==> flow/design.v <==
module sync_adder #(
    parameter BITS = 16
) (
    input wire aclk,
    input wire i_rst,
    input wire valid,
    input wire [BITS-1:0] u_i,
    input wire [BITS-1:0] v_i,
    input wire [BITS-1:0] w_i,
    output reg [BITS+1:0] q_o
);
    reg [BITS-1:0] r_u;
    reg [BITS-1:0] r_v;
    reg [BITS-1:0] r_w;
    reg [BITS:0] r_tmp;
    reg [BITS-1:0] r_w_d;
    always @(posedge aclk or posedge i_rst) begin
        if (i_rst) begin
            r_u <= 0;
            r_v <= 0;
            r_w <= 0;
            r_tmp <= 0;
            r_w_d <= 0;
            q_o <= 0;
        end else if (valid) begin
            r_u <= u_i;
            r_v <= v_i;
            r_w <= w_i;
            r_tmp <= r_u + r_v;
            r_w_d <= r_w;
            q_o <= r_tmp + r_w_d;
        end
    end
endmodule
* Step by step through the tools: sync_adder
The steps from the RTL of sync_adder to its reports follow in flow order. Line numbers count from 1 in the design file above. Operators carry their Yosys type and port widths (W data, S select, Z words). Not given: --
Set-up: top module sync_adder, clock input aclk, cell library sky130hd, library corner tt_025C_1v80

* Elaborated design
Yosys after proc, flatten, opt, wreduce and memory -nomap, before mapping. Enables and synchronous resets that opt folds into registers are not counted as muxes. Memory bits, and registers merged into a memory's read port (data or address), are not among the register bits. Print and check cells are not counted. Equal cells are merged and count once.
Word-level totals: flip-flop bits (word level) 99, output and inout bits 18, cells after elaboration 8
Cells by class: add/subtract/negate cells 2
Operators with widths (number):
- $add A17 B16 Y18 | 1
- $add A16 B16 Y17 | 1

* Longest topological paths
Depth = most cells in a row (Yosys ltp): at word level without a register or memory, in the mapped netlist without a sequential cell, where the memories' decode and read muxes count.
Logic depth: depth after elaboration 1, ABC_AREA 0, gate-level depth with buffers 9

* Mapped cells and area
The flow's flattened synthesis, as Yosys stat reports it; memories are mapped. The netlist is that of the ABC_AREA named above (0 if unset); the other value can give another one. The area totals of this step are shown rounded.
Cell types:
- sky130_fd_sc_hd__dfrtp_1 | number 99, total area 2.48E+03 um^2
- sky130_fd_sc_hd__mux2_2 | number 80, total area 900.864 um^2
- sky130_fd_sc_hd__ha_1 | number 32, total area 400.384 um^2
- sky130_fd_sc_hd__a21oi_1 | number 27, total area 135.13 um^2
- sky130_fd_sc_hd__xnor2_1 | number 13, total area 113.859 um^2
- sky130_fd_sc_hd__nand2_1 | number 24, total area 90.086 um^2
- sky130_fd_sc_hd__a211oi_1 | number 11, total area 82.579 um^2
- sky130_fd_sc_hd__a21o_1 | number 11, total area 82.579 um^2
- sky130_fd_sc_hd__o21ai_0 | number 14, total area 70.067 um^2
- sky130_fd_sc_hd__o211ai_1 | number 8, total area 60.058 um^2
- sky130_fd_sc_hd__nand3_1 | number 11, total area 55.053 um^2
- sky130_fd_sc_hd__o21a_1 | number 7, total area 52.55 um^2
- sky130_fd_sc_hd__inv_1 | number 13, total area 48.797 um^2
- sky130_fd_sc_hd__xor2_1 | number 5, total area 43.792 um^2
- sky130_fd_sc_hd__fa_1 | number 2, total area 40.038 um^2
- sky130_fd_sc_hd__clkbuf_1 | number 10, total area 37.536 um^2
- sky130_fd_sc_hd__nor2_1 | number 10, total area 37.536 um^2
- sky130_fd_sc_hd__nor2b_1 | number 5, total area 31.28 um^2
Not listed: further types 37, cells in them 67.
Mapped netlist: standard cells after synthesis 449, mapped area 5254 um^2, flip-flops 99

* Path before layout
OpenSTA on the mapped netlist: ideal clock, no wires. The path of least setup slack (recovery checks aside). Input and output delay are each 20% of the period. Register names are those of the netlist, which keeps one name where synthesis merged equal registers.
Timing post-synthesis: kind register to register, start register r_u[0], end register r_tmp[8], period 2.7 ns, launch time at the first pin 0.000 ns, data arrival time 2.038 ns, required time 2.575 ns, slack 0.538 ns, delay of the path 2.163 ns, stages 9, buffers on the path 0, synthesis period reached 2.162 ns
"delay of the path" is the arrival time less input delay plus setup time. "stages" counts driving pins, that of a launching flip-flop among them; a cell with two outputs on the path counts twice. "synthesis period reached" is the clock period less the worst setup slack; recovery checks do not enter. This is arithmetic on one report: input and output delays are still those of the set period (20% each). Between the ends stands the longest chain of elaborated cells between them, by number of cells; it is not shown to be the way that was timed. Of several equally long chains one is given. A line is the first line of the expression or statement that the cell stems from. Yosys adds cells for indexed reads and writes and turns some case tables into memories.
On the way, post-synthesis: path through sky130_fd_sc_hd__dfrtp_1 > sky130_fd_sc_hd__ha_1 > sky130_fd_sc_hd__fa_1 > sky130_fd_sc_hd__a21o_1 > sky130_fd_sc_hd__a21oi_1 > sky130_fd_sc_hd__o21a_1 > sky130_fd_sc_hd__o21ai_1 > sky130_fd_sc_hd__xnor2_1 > sky130_fd_sc_hd__mux2_2, length of the longest elaborated chain 1, elaborated cells on any way between the ends 1
Ends and longest elaborated chain, post-synthesis:
- start: declaration | RTL line 12 | reg [BITS-1:0] r_u;
- start: assignment | RTL line 19 | r_u <= 0;
- start: assignment | RTL line 26 | r_u <= u_i;
- $add A16 B16 Y17 | RTL line 29 | r_tmp <= r_u + r_v;
- end: assignment | RTL line 22 | r_tmp <= 0;
- end: assignment | RTL line 29
- end: declaration | RTL line 15 | reg [BITS:0] r_tmp;

* Path in the finished layout
From the final timing report of run 1: the path of least setup slack in the routed layout; clock arrival at registers is part of the times.
Timing post-layout: kind register to register, start register r_u[0], end register r_tmp[12], period 2.7 ns, launch time at the first pin 0.34 ns, data arrival time 2.60 ns, required time 2.95 ns, slack 0.34 ns, stages 9, buffers on the path 0
Between the ends stands the longest chain of elaborated cells between them, by number of cells; it is not shown to be the way that was timed. Of several equally long chains one is given.
On the way, post-layout: path through sky130_fd_sc_hd__dfrtp_1 > sky130_fd_sc_hd__ha_1 > sky130_fd_sc_hd__fa_1 > sky130_fd_sc_hd__a21o_1 > sky130_fd_sc_hd__a21oi_1 > sky130_fd_sc_hd__o21a_1 > sky130_fd_sc_hd__o21ai_1 > sky130_fd_sc_hd__o21a_1 > sky130_fd_sc_hd__o31ai_1, length of the longest elaborated chain 1, elaborated cells on any way between the ends 1
Ends and longest elaborated chain, post-layout:
- start: declaration | RTL line 12 | reg [BITS-1:0] r_u;
- start: assignment | RTL line 19 | r_u <= 0;
- start: assignment | RTL line 26 | r_u <= u_i;
- $add A16 B16 Y17 | RTL line 29 | r_tmp <= r_u + r_v;
- end: assignment | RTL line 22 | r_tmp <= 0;
- end: assignment | RTL line 29
- end: declaration | RTL line 15 | reg [BITS:0] r_tmp;

Hand-over note for sync_adder

Measured data: module sync_adder, platform sky130hd, 3 stored runs of the flow under differing settings, order arbitrary. Input and output delays are each 20% of the period that was set; the output load is 0.01 pF.
"achieved period" = clock period - worst setup slack. The figure is calculated, with input and output delays left at 20% of the set period.
"worst setup path time" is the time allowed to the run's worst setup path (the clock period less input and output delay, where it has them) less its slack. Clock arrival times count: a late capture clock shortens it, a late launch clock lengthens it.
"power consumption" rests on the timing tool's default activity at the inputs, not on a simulated workload.
Results are given in rounded form.

* Run 1 | settings: period_ns 2.7; CAP_MARGIN 20; CORE_MARGIN 2; CORE_UTILIZATION 40; SLEW_MARGIN 20 | results: post-synthesis cell area 5254 um^2; worst setup path time 2.36 ns; critical path type register to register; setup TNS 0.000 ns; post-route utilization 50.5%; standard-cell area after routing 6419 um^2; setup slack of the critical path 0.345 ns; achieved period 2.355 ns; full die area 14070 um^2; power consumption 5.509 mW
* Run 2 | settings: period_ns 1.7; CORE_UTILIZATION 43; SETUP_SLACK_MARGIN 0.06; PLACE_DENSITY_LB_ADDON 0.22; CORE_ASPECT_RATIO 1.59; TNS_END_PERCENT 85; CTS_CLUSTER_SIZE 85; CTS_CLUSTER_DIAMETER 283; CAP_MARGIN 30; CORE_MARGIN 2; SLEW_MARGIN 20 | results: setup TNS -7.872 ns; post-route utilization 64.5%; standard-cell area after routing 7625 um^2; setup slack of the critical path -0.430 ns; power consumption 11.01 mW; worst setup path time 2.13 ns; critical path type register to register; post-synthesis cell area 5254 um^2; full die area 13140 um^2; achieved period 2.130 ns
* Run 3 | settings: period_ns 2.28; CORE_UTILIZATION 53; PLACE_DENSITY 0.52; CELL_PAD_IN_SITES_GLOBAL_PLACEMENT 2; ABC_AREA 1; GPL_TIMING_DRIVEN 1; CTS_CLUSTER_DIAMETER 216; CAP_MARGIN 20; CORE_MARGIN 2; SLEW_MARGIN 20 | incomplete, placement halted on GPL-0301

End of note.
